==> flow/design.v <==
module cmp_unit_rtl #(
  parameter int DWIDTH = 80
) (
  input logic clock,
  input logic signed [DWIDTH-1:0] i_arg0,
  input logic signed [DWIDTH-1:0] i_arg1,
  output logic o_below,
  output logic o_is_eq,
  output logic o_gt
);
  logic signed [DWIDTH-1:0] arg0_reg;
  always_ff @(posedge clock)
    arg0_reg <= i_arg0;
  logic signed [DWIDTH-1:0] arg1_reg;
  always_ff @(posedge clock)
    arg1_reg <= i_arg1;
  logic below_reg;
  always_ff @(posedge clock)
    below_reg <= (arg0_reg < arg1_reg);
  assign o_below = below_reg;
  logic is_eq_reg;
  always_ff @(posedge clock)
    is_eq_reg <= (arg0_reg == arg1_reg);
  assign o_is_eq = is_eq_reg;
  logic gt_reg;
  always_ff @(posedge clock)
    gt_reg <= (arg0_reg > arg1_reg);
  assign o_gt = gt_reg;
endmodule
# Tool chain data of cmp_unit_rtl

What the tools print for cmp_unit_rtl, step after step.
Lines are those of the file above, counted from 1.
Library cell names are shortened.
Not given: -

Top: cmp_unit_rtl
Clock port: clock
Standard-cell library: sky130hd
Corner: tt_025C_1v80

# Elaborated design

Counts by Yosys on the flattened word-level netlist (proc, flatten, opt, wreduce; memories kept). Register bits leave out memories and registers merged into their read ports (data or address); mux counts leave out enables and synchronous resets folded into registers. Print and check cells are left out. Cells with the same type and inputs are merged into one.

Flip-flop bits (word level): 163
Latch bits: 0
Memory bits (writable): 0
Bits in read-only memories: 0
Clocked read ports x word width: 0
Memories: 0
Output and inout port bits: 3
Elaborated cells: 8

Add/sub/neg operators: 0
Multiply operators: 0
Divide/modulo/power cells: 0
Magnitude comparators: 2
Equality and inequality tests: 1
Shift-type cells: 0
Muxes and demuxes: 0
Bitwise gates (word level): 0
Reduce/logical cells: 0

Operator list:

| operator            | number |
| 80-bit > comparator | 1 |
| 80-bit < comparator | 1 |
| 80-bit == test      | 1 |

# Longest topological paths

Longest topological path by Yosys (ltp), each cell counted once; first at word level (registers and memories cut), then after technology mapping (sequential cells cut; the memories' decode and read muxes count).

Depth in word-level cells: 1
ABC_AREA: 0
Mapped depth: 9
Depth with buffers taken out: 9

# Mapped cells and area

Source: synth_stat.txt of the flow (Yosys; design flattened, memories mapped). It holds for the ABC_AREA given above (unset counts as 0); a run with the other value may have another netlist.
Totals and module areas in this step are rounded.

Cells in the netlist: 455
Chip area (Yosys): 0.005313 mm²
Sequential part of the area: 0.003263 mm²
Mapped flip-flops: 163

Cell types:

| cell     | number | area in all (µm²) |
| dfxtp_1  | 163    | 3263.13 |
| ha_1     | 80     | 1000.96 |
| inv_1    | 85     | 319.056 |
| a21oi_1  | 29     | 145.139 |
| nand2_1  | 23     | 86.333 |
| nand4_1  | 11     | 68.816 |
| o21ai_0  | 10     | 50.048 |
| a21o_1   | 6      | 45.043 |
| a221oi_1 | 4      | 35.034 |
| and4_1   | 4      | 35.034 |
| nor2_1   | 8      | 30.029 |
| nand3_1  | 5      | 25.024 |
| and4_2   | 2      | 20.019 |
| nor3_1   | 4      | 20.019 |
| o221ai_1 | 2      | 17.517 |
| a211oi_1 | 2      | 15.014 |
| o211ai_1 | 2      | 15.014 |
| a211oi_2 | 1      | 12.512 |

Not listed: further types 12, cells in them 14.

# Timing after synthesis

OpenSTA on the mapped netlist: ideal clock, no wires. The path of least setup slack (recovery checks aside). Input and output delay are each 20% of the period. Register names are those of the netlist, which keeps one name where synthesis merged equal registers.

Path type: reg2reg
From: register arg1_reg[69]
To: register below_reg
Period: 2510 ps
Setup time: 120 ps
Launch time at the first pin: 0 ps
Data arrival time: 1886 ps
Path slack: 504 ps
Path delay: 2006 ps
Stages on the path: 10
Path buffers: 0
Period reached after synthesis: 2006 ps

"path delay" = arrival - input delay + setup time.
"stages on the path" counts driving pins, that of a launching flip-flop among them; a cell with two outputs on the path counts twice.
"period reached after synthesis" is the clock period less the worst setup slack; recovery checks do not enter. This is arithmetic on one report: input and output delays are still those of the set period (20% each).
Between the ends stands the longest chain of elaborated cells between them, by number of cells; it is not shown to be the way that was timed. Of several equally long chains one is given.
A line is the first line of the expression or statement that the cell stems from. Yosys adds cells for indexed reads and writes and turns some case tables into memories.

Cell sequence: dfxtp_1 > inv_1 > ha_1 > a21o_1 > a21o_1 > a221o_1 > a22o_1 > a211oi_2 > nor2_1 > or2_1
Length of the longest elaborated chain: 1

RTL lines, path post-synthesis:

| item                | line | RTL |
| start, declared     | 14   | `logic signed [DWIDTH-1:0] arg1_reg;` |
| start, assigned     | 16   | `arg1_reg <= i_arg1;` |
| 80-bit < comparator | 19   | `below_reg <= (arg0_reg < arg1_reg);` |
| end, assigned       | 19   |  |
| end, declared       | 17   | `logic below_reg;` |

# Timing after layout

Path of least setup slack in the final report of entry B (OpenROAD, finished layout, wires in). Where an end is a register, its clock arrival counts in the times.
The report prints the path's times to 10 ps; the period is as set.

Path type: reg2reg
From: register arg1_reg[43]
To: register below_reg
Period: 2510 ps
Setup time: 110 ps
Launch time at the first pin: 410 ps
Data arrival time: 2540 ps
Path slack: 270 ps
Stages on the path: 10
Path buffers: 0

Between the ends stands the longest chain of elaborated cells between them, by number of cells; it is not shown to be the way that was timed. Of several equally long chains one is given.

Cell sequence: dfxtp_1 > inv_1 > ha_1 > nand4_1 > nor4_1 > inv_1 > nor3_1 > a211oi_2 > o211a_1 > or2_1
Length of the longest elaborated chain: 1

RTL lines, path after layout:

| item                | line | RTL |
| start, declared     | 14   | `logic signed [DWIDTH-1:0] arg1_reg;` |
| start, assigned     | 16   | `arg1_reg <= i_arg1;` |
| 80-bit < comparator | 19   | `below_reg <= (arg0_reg < arg1_reg);` |
| end, assigned       | 19   |  |
| end, declared       | 17   | `logic below_reg;` |

Lab notebook: cmp_unit_rtl

Settings and measured results of 2 stored flow runs for module cmp_unit_rtl (sky130hd), not sorted in any way. The constraints put input and output delay at 20% of the set period each and load the outputs with 0.01 pF.
"clock period achieved": clock period set for the run, less the worst setup slack. It is reckoned from that one timing run; input and output delays stay at 20% of the period that was set.
"critical setup path time" = time allowed to the worst setup path (clock period - input delay - output delay, where it has them) - its slack; a late launch clock adds to it, a late capture clock takes from it.
By "total design power" is meant OpenSTA's value without simulated activity: inputs other than the clock are taken to toggle once in ten clock periods, and the tool carries that through the logic.
"critical setup path time" is given in steps of 10 ps.
The measured numbers are rounded.
A setting shown as . is not set for that run.
A result given as . is not shown for that run.

| name                                   | entry A | entry B  |
| period_ns                              | 2.67    | 2.51     |
| CORE_UTILIZATION                       | 53      | 40       |
| SETUP_SLACK_MARGIN                     | 0.5     | .        |
| CORE_ASPECT_RATIO                      | 0.52    | .        |
| CORE_MARGIN                            | 8       | 2        |
| CELL_PAD_IN_SITES_DETAIL_PLACEMENT     | 2       | .        |
| TNS_END_PERCENT                        | 60      | .        |
| CTS_CLUSTER_DIAMETER                   | 368     | .        |
| MAX_ROUTING_LAYER                      | met5    | .        |
| CAP_MARGIN                             | 20      | 20       |
| SLEW_MARGIN                            | 20      | 20       |
| critical setup path time (ps)          | .       | 2240     |
| kind of the worst setup path           | .       | reg2reg  |
| standard-cell area after routing (mm²) | .       | 0.00775  |
| clock period achieved (ps)             | .       | 2238     |
| netlist area reported by Yosys (mm²)   | .       | 0.005313 |
| worst setup slack after layout (ps)    | .       | 272      |
| total design power (W)                 | .       | 0.005855 |
| worst hold slack after layout (ps)     | .       | 526      |
| setup TNS (ps)                         | .       | 0        |
| die footprint (mm²)                    | .       | 0.01422  |
| utilization after layout               | .       | 0.592    |

Entry A: did not finish, placement stopped with DPL-0033
